==> flow/design.v <==
module dp_arith_add_top #(
  parameter BITS = 56,
  parameter GUARD = 2
) (
  input  wire core_clk,
  input  wire rstn,
  input  wire [BITS-1:0] val,
  input  wire init,
  output wire [BITS+GUARD-1:0] s
);
  reg [BITS+GUARD-1:0] total;
  always @(posedge core_clk or negedge rstn) begin
    if (!rstn) begin
      total <= 0;
    end else begin
      total <= init ? 0 : total + val;
    end
  end
  assign s = total;
endmodule
# From RTL to reports: dp_arith_add_top
# The steps from the RTL of dp_arith_add_top to its reports follow in flow order.
# Lines are those of the file above, counted from 1.
# Not given: n/a
[inputs]
design = "dp_arith_add_top"
clk_port = "core_clk"
cell_library = "sky130hd"
lib_corner = "tt_025C_1v80"

# Elaborated design
# Source: Yosys, flattened and elaborated, memories not mapped. Widths are those after wreduce; folded enables and synchronous resets count as part of the registers. Registers that Yosys merges into a memory's read port (data or address) are not register bits. Print and check cells do not count. Equal cells are merged and count once.
[word_totals]
output_inout_bits = 58
reg_bits = 58
[classes]
muxes = 1
n_addsub = 1
[op_table]
columns = ["op", "n"]
rows = [
  ["adder 58 x 56 -> 58 bit", 1],
  ["2-to-1 mux 58 bit", 1],
]

# Logic depth
# Longest topological path by Yosys (ltp), each cell counted once; first at word level (registers and memories cut), then after technology mapping (sequential cells cut; the memories' decode and read muxes count).
[logic_depth]
word_depth = 2
abc_area = 0
mapped_depth = 12
depth_no_buf = 12

# After synthesis
# Source: synth_stat.txt of the flow (Yosys; design flattened, memories mapped). It holds for the ABC_AREA given above (unset counts as 0); a run with the other value may have another netlist.
[by_type]
columns = ["cell", "n", "area_total_um2"]
rows = [
  ["sky130_fd_sc_hd__dfrtp_1", 58, 1.45E+03],
  ["sky130_fd_sc_hd__ha_1", 56, 700.672],
  ["sky130_fd_sc_hd__a21oi_1", 78, 390.374],
  ["sky130_fd_sc_hd__nor2_1", 92, 345.331],
  ["sky130_fd_sc_hd__o21ai_0", 46, 230.221],
  ["sky130_fd_sc_hd__xnor2_1", 23, 201.443],
  ["sky130_fd_sc_hd__nand2_1", 47, 176.419],
  ["sky130_fd_sc_hd__a21o_1", 23, 172.666],
  ["sky130_fd_sc_hd__xor2_1", 17, 148.893],
  ["sky130_fd_sc_hd__nand4_1", 23, 143.888],
  ["sky130_fd_sc_hd__o21bai_1", 17, 127.622],
  ["sky130_fd_sc_hd__clkbuf_1", 32, 120.115],
  ["sky130_fd_sc_hd__nor2b_1", 13, 81.328],
  ["sky130_fd_sc_hd__nand3_1", 15, 75.072],
  ["sky130_fd_sc_hd__inv_1", 19, 71.318],
  ["sky130_fd_sc_hd__a2111oi_4", 2, 55.053],
  ["sky130_fd_sc_hd__nor3_1", 11, 55.053],
  ["sky130_fd_sc_hd__o21a_1", 7, 52.55],
]
# Not listed: further types 36, cells in them 80.
[synth_totals]
flip_flops = 58
buf_cells = 34
stdcells = 659
seqArea_um2 = 1451.4
area_um2 = 5217.5

# Path before layout
# Path of least setup slack by OpenSTA after synthesis, without wires, with an ideal clock, recovery checks aside; 20% of the period is set as input and as output delay. Where synthesis merged equal registers, the netlist keeps one of their names.
[synth_timing]
path_type = "input-to-reg"
startpoint = "input port val[1]"
endpoint = "register total[45]"
setup_time_ns = 0.127
path_stages = 10
tclk_ns = 3.8
required_time_ns = 3.673
in_delay_ns = 0.760
delay_ns = 2.429
n_path_buf = 0
t_arrival_ns = 3.062
path_slack_ns = 0.610
launch_ns = 0.760
period_less_setup_slack_ns = 3.19
# "delay_ns" = arrival - input delay + setup time.
# "path_stages": output pins that drive a net of the path, with the launching flip-flop's if there is one; two outputs of one cell count as two.
# "period_less_setup_slack_ns" = period - worst setup slack (recovery checks aside). The figure is calculated, with input and output delays left at 20% of the set period.
# The rows between start and end are the longest chain of elaborated cells between them; the timing report does not say that the signal goes this way. Where chains are equally long, one stands for them.
# Each line given opens the expression or statement behind the cell; cells for indexed reads and writes are added by Yosys, which also makes memories of some case tables.
[synth_between]
cell_sequence = "sky130_fd_sc_hd__ha_1 sky130_fd_sc_hd__a211oi_2 sky130_fd_sc_hd__o21ai_1 sky130_fd_sc_hd__a2111oi_4 sky130_fd_sc_hd__nor4_1 sky130_fd_sc_hd__or2_1 sky130_fd_sc_hd__o21ba_1 sky130_fd_sc_hd__a31o_1 sky130_fd_sc_hd__a21oi_2 sky130_fd_sc_hd__mux2_1"
elab_chain_len = 2
cells_between = 2
lines_between = 1
classes_between = "add/sub: 1; mux: 1"
[synth_lines]
columns = ["item", "line", "rtl"]
rows = [
  ["from (decl)", 7, "input  wire [BITS-1:0] val,"],
  ["adder 58 x 56 -> 58 bit", 16, "total <= init ? 0 : total + val;"],
  ["2-to-1 mux 58 bit", 16, ""],
  ["to (assign)", 14, "total <= 0;"],
  ["to (assign)", 16, ""],
  ["to (decl)", 11, "reg [BITS+GUARD-1:0] total;"],
]

# Path in the finished layout
# From the final timing report of run 1: the path of least setup slack in the routed layout; clock arrival at registers is part of the times.
[layout_timing]
path_type = "input-to-reg"
startpoint = "input port val[7]"
endpoint = "register total[33]"
in_delay_ns = 0.53
setup_time_ns = 0.07
required_time_ns = 2.92
tclk_ns = 2.65
n_path_buf = 2
path_slack_ns = -0.31
path_stages = 12
t_arrival_ns = 3.23
launch_ns = 0.53
# The rows between start and end are the longest chain of elaborated cells between them; the timing report does not say that the signal goes this way. Where chains are equally long, one stands for them.
[layout_between]
cell_sequence = "sky130_fd_sc_hd__clkdlybuf4s50_1 sky130_fd_sc_hd__ha_4 sky130_fd_sc_hd__nor2_1 sky130_fd_sc_hd__nor2b_1 sky130_fd_sc_hd__nor2_1 sky130_fd_sc_hd__nor4_2 sky130_fd_sc_hd__or2_1 sky130_fd_sc_hd__o21ba_4 sky130_fd_sc_hd__buf_6 sky130_fd_sc_hd__o211ai_1 sky130_fd_sc_hd__nand3_1 sky130_fd_sc_hd__a21oi_1"
elab_chain_len = 2
cells_between = 2
lines_between = 1
classes_between = "add/sub: 1; mux: 1"
[layout_lines]
columns = ["item", "line", "rtl"]
rows = [
  ["from (decl)", 7, "input  wire [BITS-1:0] val,"],
  ["adder 58 x 56 -> 58 bit", 16, "total <= init ? 0 : total + val;"],
  ["2-to-1 mux 58 bit", 16, ""],
  ["to (assign)", 14, "total <= 0;"],
  ["to (assign)", 16, ""],
  ["to (decl)", 11, "reg [BITS+GUARD-1:0] total;"],
]

# Below are 3 stored runs of the flow (Yosys, OpenROAD; platform sky130hd) on dp_arith_add_top, each with its settings and what was measured, unordered. Constraints: input delay and output delay 20% of the set period each, output load 0.01 pF.
# "clock_period_reached_ns": clock period set for the run, less the worst setup slack. It is reckoned from that one timing run; input and output delays stay at 20% of the period that was set.
# "power.total_w": no workload was simulated; the value follows from the tool's default switching activity.

[[run]]
name = "run 1"
[run.settings]
period_ns = 2.65
CORE_UTILIZATION = 31
SETUP_SLACK_MARGIN = 0.12
CORE_ASPECT_RATIO = 1.44
CORE_MARGIN = 5
CELL_PAD_IN_SITES_DETAIL_PLACEMENT = 1
TNS_END_PERCENT = 30
CTS_CLUSTER_DIAMETER = 282
CAP_MARGIN = 20
SLEW_MARGIN = 20
[run.results]
yosys_chip_area_um2 = 5217.5
power.total_w = 0.012493
fin_util_pct = 59.4
timing.setup.ws_ns = -0.310
design_die_area_um2 = 19568.5
final_setup_tns_ns = -3.658
clock_period_reached_ns = 2.960
post_route_stdcell_area_um2 = 9914.5

[[run]]
name = "run 2"
[run.settings]
period_ns = 3.8
CAP_MARGIN = 20
CORE_MARGIN = 2
CORE_UTILIZATION = 40
SLEW_MARGIN = 20
[run.results]
yosys_chip_area_um2 = 5217.5
power.total_w = 0.005601
fin_util_pct = 55.5
timing.setup.ws_ns = 0.276
design_die_area_um2 = 13973.6
final_setup_tns_ns = 0.000
clock_period_reached_ns = 3.524
post_route_stdcell_area_um2 = 7034.2

[[run]]
name = "run 3"
[run.settings]
period_ns = 1.92
CORE_UTILIZATION = 17
PLACE_DENSITY = 0.44
HOLD_SLACK_MARGIN = 0.19
CORE_ASPECT_RATIO = 1.07
GPL_ROUTABILITY_DRIVEN = 0
CTS_CLUSTER_DIAMETER = 319
CAP_MARGIN = 40
CORE_MARGIN = 2
SLEW_MARGIN = 20
[run.results]
yosys_chip_area_um2 = 5217.5
power.total_w = 0.015877
fin_util_pct = 33.9
timing.setup.ws_ns = -0.908
design_die_area_um2 = 32108.9
final_setup_tns_ns = -29.663
clock_period_reached_ns = 2.828
post_route_stdcell_area_um2 = 10268.6
